==> flow/design.v <==
module times #(
  parameter integer DATA_W = 5,
  parameter integer WAYS = 5,
  parameter integer RW = 2*DATA_W + $clog2(WAYS)
) (
  input wire ck,
  input wire rst,
  input wire [WAYS*DATA_W-1:0] i_u,
  input wire [WAYS*DATA_W-1:0] i_v,
  output wire [RW-1:0] o_res
);
  reg [WAYS*DATA_W-1:0] u_q;
  reg [WAYS*DATA_W-1:0] v_q;
  always @(posedge ck) begin
    if (rst) begin
      u_q <= 0;
      v_q <= 0;
    end else begin
      u_q <= i_u;
      v_q <= i_v;
    end
  end
  genvar k;
  wire [2*WAYS*DATA_W-1:0] part;
  generate
    for (k = 0; k < WAYS; k = k + 1) begin : gen
      assign part[2*k*DATA_W +: 2*DATA_W] = u_q[k*DATA_W +: DATA_W] * v_q[k*DATA_W +: DATA_W];
    end
  endgenerate
  reg [2*WAYS*DATA_W-1:0] part_q;
  always @(posedge ck) begin
    if (rst) begin
      part_q <= 0;
    end else begin
      part_q <= part;
    end
  end
  reg [RW-1:0] val;
  integer i;
  always @* begin
    val = 0;
    for (i = 0; i < WAYS; i = i + 1)
      val = val + part_q[2*i*DATA_W +: 2*DATA_W];
  end
  reg [RW-1:0] res_q;
  always @(posedge ck) begin
    if (rst) begin
      res_q <= 0;
    end else begin
      res_q <= val;
    end
  end
  assign o_res = res_q;
endmodule
* Reports on times
The steps from the RTL of times to its reports follow in flow order.
Line numbers count from 1 in the design file above.
Cell names lack the library's common part.
The mark -- stands for no value.
- Top module :: times
- Clock input :: ck
- Cell library :: sky130hd
- Library corner :: tt_025C_1v80

* After elaboration
Source: Yosys, flattened and elaborated, memories not mapped. Widths are those after wreduce; folded enables and synchronous resets count as part of the registers. Registers that Yosys merges into a memory's read port (data or address) are not register bits. Print and check cells do not count. Equal cells are merged and count once.
- Register bits after elaboration :: 113
- Latch bits :: 0
- Bits in writable memories :: 0
- ROM bits :: 0
- Word width x clocked read ports :: 0
- Memories kept :: 0
- Bits of input ports :: 52
- Output and inout port bits :: 13
- Cells after elaboration :: 13
- Add/subtract/negate cells :: 4
- Multipliers :: 5
- Divide/modulo/power cells :: 0
- Order comparisons :: 0
- Equality and inequality tests :: 0
- Shift-type cells :: 0
- Multiplexer cells :: 0
- Bitwise operators :: 0
- Reductions and logical operators :: 0
** Operators with widths (count)
- 5-bit by 5-bit multiplier with 10-bit output :: 5
- 12-bit by 10-bit adder with 13-bit output :: 1
- 13-bit by 10-bit adder with 13-bit output :: 1
- 11-bit by 10-bit adder with 12-bit output :: 1
- 10-bit by 10-bit adder with 11-bit output :: 1

* Depth
Yosys ltp: most cells in a row. Word level: on the elaborated netlist, between registers, memories and ports. Mapped: between sequential cells and ports; inverters and the memories' decode and read muxes count.
- Depth after elaboration :: 4
- ABC_AREA :: 0
- Mapped depth :: 13
- Depth with buffers taken out :: 13

* Netlist
Yosys stat after the flow's synthesis: flattened, memories mapped to cells. It holds for the ABC_AREA given above (unset counts as 0); a run with the other value may have another netlist.
** Cell types
- dfxtp_1 :: count 113, total area 2262.17 um^2
- fa_1 :: count 74, total area 1.48E+03 um^2
- ha_1 :: count 103, total area 1.29E+03 um^2
- inv_1 :: count 158, total area 593.069 um^2
- and2_1 :: count 77, total area 481.712 um^2
- nor2b_1 :: count 68, total area 425.408 um^2
- nand2_1 :: count 59, total area 221.462 um^2
- nor2_1 :: count 38, total area 142.637 um^2
- xnor2_1 :: count 14, total area 122.618 um^2
- a21oi_1 :: count 22, total area 110.106 um^2
- xor2_1 :: count 11, total area 96.342 um^2
- nor4b_1 :: count 8, total area 70.067 um^2
- a21o_1 :: count 9, total area 67.565 um^2
- a211oi_1 :: count 8, total area 60.058 um^2
- o21ai_0 :: count 10, total area 50.048 um^2
- o211ai_1 :: count 6, total area 45.043 um^2
- nand2b_1 :: count 7, total area 43.792 um^2
- o311ai_1 :: count 5, total area 43.792 um^2
Not listed: further types 30, cells in them 77.
- Standard cells after synthesis :: 867
- Chip area (Yosys) :: 8121.5 um^2
- Sequential part of the area :: 2262.2 um^2
- Flip-flop cells :: 113
- Buffers :: 15

* Timing after synthesis
Source: OpenSTA report_checks on the synthesized netlist (no wires, ideal clock, input and output delay 20% of the period each), path of least setup slack; recovery checks are left aside. Register names are those of the netlist, which keeps one name where synthesis merged equal registers.
- Kind :: register -> register
- From :: register part_q[1]
- To :: register res_q[9]
- Clock period :: 4550 ps
- Launch time at the first pin :: 0 ps
- Arrival time :: 3570 ps
- Slack :: 906 ps
- Path delay :: 3643 ps
- Stages on the path :: 13
- Path buffers :: 0
- Synthesis period reached :: 3644 ps
"path delay" is the arrival time less input delay plus setup time.
"stages on the path": output pins that drive a net of the path, with the launching flip-flop's if there is one; two outputs of one cell count as two.
"synthesis period reached" = period - worst setup slack (recovery checks aside). The figure is calculated, with input and output delays left at 20% of the set period.
The rows between start and end are the longest chain of elaborated cells between them; the timing report does not say that the signal goes this way. Where chains are equally long, one stands for them.
Each line given opens the expression or statement behind the cell; cells for indexed reads and writes are added by Yosys, which also makes memories of some case tables.
- Cell sequence :: dfxtp_1 > inv_1 > fa_1 > fa_1 > fa_1 > inv_1 > ha_1 > fa_1 > a211oi_2 > nor2_1 > or4b_1 > and3_1 > nor3_2
- Cells in the longest elaborated chain :: 4
- Elaborated cells on any way between the ends :: 4
- Classes of those cells :: add/sub (4)
** Ends and longest elaborated chain, post-synthesis
- start: declaration :: RTL line 30 : reg [2*WAYS*DATA_W-1:0] part_q;
- start: assignment :: RTL line 33 : part_q <= 0;
- start: assignment :: RTL line 35 : part_q <= part;
- 10-bit by 10-bit adder with 11-bit output :: RTL line 43 : val = val + part_q[2*i*DATA_W +: 2*DATA_W];
- 11-bit by 10-bit adder with 12-bit output :: RTL line 43
- 12-bit by 10-bit adder with 13-bit output :: RTL line 43
- 13-bit by 10-bit adder with 13-bit output :: RTL line 43
- end: assignment :: RTL line 48 : res_q <= 0;
- end: assignment :: RTL line 50 : res_q <= val;
- end: declaration :: RTL line 45 : reg [RW-1:0] res_q;

* Worst path after layout
From the final timing report of flow run B: the path of least setup slack in the routed layout; clock arrival at registers is part of the times.
The path's times are printed in steps of 10 ps; the period is the one set.
- Kind :: register -> register
- From :: register part_q[1]
- To :: register res_q[9]
- Clock period :: 4550 ps
- Launch time at the first pin :: 410 ps
- Arrival time :: 4140 ps
- Slack :: 750 ps
- Stages on the path :: 13
- Path buffers :: 0
The rows between start and end are the longest chain of elaborated cells between them; the timing report does not say that the signal goes this way. Where chains are equally long, one stands for them.
- Cell sequence :: dfxtp_1 > inv_1 > fa_1 > fa_1 > fa_1 > inv_1 > ha_1 > fa_1 > a211oi_2 > nor2_1 > or4b_1 > and3_1 > nor3_2
- Cells in the longest elaborated chain :: 4
- Elaborated cells on any way between the ends :: 4
- Classes of those cells :: add/sub (4)
** Ends and longest elaborated chain, after layout
- start: declaration :: RTL line 30 : reg [2*WAYS*DATA_W-1:0] part_q;
- start: assignment :: RTL line 33 : part_q <= 0;
- start: assignment :: RTL line 35 : part_q <= part;
- 10-bit by 10-bit adder with 11-bit output :: RTL line 43 : val = val + part_q[2*i*DATA_W +: 2*DATA_W];
- 11-bit by 10-bit adder with 12-bit output :: RTL line 43
- 12-bit by 10-bit adder with 13-bit output :: RTL line 43
- 13-bit by 10-bit adder with 13-bit output :: RTL line 43
- end: assignment :: RTL line 48 : res_q <= 0;
- end: assignment :: RTL line 50 : res_q <= val;
- end: declaration :: RTL line 45 : reg [RW-1:0] res_q;

==> runs of times <==
Module times, platform sky130hd: 3 stored runs of the flow (Yosys, OpenROAD) with differing settings, in no particular order. Input and output delays are each 20% of the period that was set; the output load is 0.01 pF.
"reached clock period" = clock period - worst setup slack. The figure is calculated, with input and output delays left at 20% of the set period.
"time of the worst setup path": the worst setup path's part of the clock period (all of it between registers, 20% less for each end at a port) less its slack. A launch clock that arrives late makes it longer, a capture clock that arrives late makes it shorter.
"power consumption" is the tool's figure for a default switching activity; nothing was simulated.
"time of the worst setup path" is known to 10 ps.

* Flow run A
** Files
==> flow/run.sh <==
#!/bin/bash
# the make line also repeats the synthesis and layout settings of config.mk as NAME=value (left out here)
make -C /OpenROAD-flow-scripts/flow DESIGN_CONFIG=/design/flow/config.mk WORK_HOME=/design/flow/orfs CLKGATE_MAP_FILE= finish
==> flow/config.mk <==
export PLATFORM = sky130hd
export DESIGN_NAME = times
export DESIGN_NICKNAME = times
export VERILOG_FILES = /design/flow/design.v
export SDC_FILE = /design/flow/constraint.sdc
export NUM_CORES = 4
export LEC_CHECK = 0
export ABC_AREA = 0
export CAP_MARGIN = 20
export CELL_PAD_IN_SITES_DETAIL_PLACEMENT = 1
export CORE_MARGIN = 9
export CORE_UTILIZATION = 72
export CTS_CLUSTER_DIAMETER = 223
export GPL_ROUTABILITY_DRIVEN = 0
export GPL_TIMING_DRIVEN = 0
export MIN_ROUTING_LAYER = met1
export PLACE_DENSITY_LB_ADDON = 0.17
export SETUP_SLACK_MARGIN = 0.14
export SLEW_MARGIN = 0
export TNS_END_PERCENT = 55
==> flow/constraint.sdc <==
create_clock -name core_clock -period 5.26 [get_ports {ck}]
set_input_delay 1.0520 -clock core_clock [delete_from_list [all_inputs] [get_ports {ck}]]
set_output_delay 1.0520 -clock core_clock [all_outputs]
set_load 0.01 [all_outputs]
** Results
Incomplete, placement halted on DPL-0033.

* Flow run B
** Files
==> flow/run.sh <==
#!/bin/bash
# the make line also repeats the synthesis and layout settings of config.mk as NAME=value (left out here)
make -C /OpenROAD-flow-scripts/flow DESIGN_CONFIG=/design/flow/config.mk WORK_HOME=/design/flow/orfs CLKGATE_MAP_FILE= finish
==> flow/config.mk <==
export PLATFORM = sky130hd
export DESIGN_NAME = times
export DESIGN_NICKNAME = times
export VERILOG_FILES = /design/flow/design.v
export SDC_FILE = /design/flow/constraint.sdc
export NUM_CORES = 4
export LEC_CHECK = 0
export CAP_MARGIN = 20
export CORE_MARGIN = 2
export CORE_UTILIZATION = 40
export SLEW_MARGIN = 20
==> flow/constraint.sdc <==
create_clock -name core_clock -period 4.55 [get_ports {ck}]
set_input_delay 0.9100 -clock core_clock [delete_from_list [all_inputs] [get_ports {ck}]]
set_output_delay 0.9100 -clock core_clock [all_outputs]
set_load 0.01 [all_outputs]
** Results
- Netlist area reported by Yosys :: 8,121.5 um^2
- Full die area :: 21,459.3 um^2
- Summed negative setup slack :: 0 ps
- Standard-cell area after layout :: 9,669.3 um^2
- Worst slack on setup checks :: 750 ps
- Reached clock period :: 3,800 ps
- Worst-case hold slack :: 510 ps
- Final utilization :: 0.481
- Time of the worst setup path :: 3,800 ps
- Critical path type :: register -> register
- Power consumption :: 2,975 µW

* Flow run C
** Files
==> flow/run.sh <==
#!/bin/bash
# the make line also repeats the synthesis and layout settings of config.mk as NAME=value (left out here)
make -C /OpenROAD-flow-scripts/flow DESIGN_CONFIG=/design/flow/config.mk WORK_HOME=/design/flow/orfs CLKGATE_MAP_FILE= finish
==> flow/config.mk <==
export PLATFORM = sky130hd
export DESIGN_NAME = times
export DESIGN_NICKNAME = times
export VERILOG_FILES = /design/flow/design.v
export SDC_FILE = /design/flow/constraint.sdc
export NUM_CORES = 4
export LEC_CHECK = 0
export CAP_MARGIN = 20
export CELL_PAD_IN_SITES_DETAIL_PLACEMENT = 2
export CELL_PAD_IN_SITES_GLOBAL_PLACEMENT = 0
export CORE_ASPECT_RATIO = 0.72
export CORE_MARGIN = 9
export CORE_UTILIZATION = 44
export CTS_CLUSTER_DIAMETER = 381
export GPL_TIMING_DRIVEN = 0
export SETUP_SLACK_MARGIN = 0.83
export SLEW_MARGIN = 20
==> flow/constraint.sdc <==
create_clock -name core_clock -period 5.22 [get_ports {ck}]
set_input_delay 1.0440 -clock core_clock [delete_from_list [all_inputs] [get_ports {ck}]]
set_output_delay 1.0440 -clock core_clock [all_outputs]
set_load 0.01 [all_outputs]
** Results
- Netlist area reported by Yosys :: 8,121.5 um^2
- Full die area :: 23,738.5 um^2
- Summed negative setup slack :: 0 ps
- Standard-cell area after layout :: 9,705.6 um^2
- Worst slack on setup checks :: 1,038 ps
- Reached clock period :: 4,182 ps
- Worst-case hold slack :: 557 ps
- Final utilization :: 0.545
- Time of the worst setup path :: 4,180 ps
- Critical path type :: register -> register
- Power consumption :: 2,935 µW
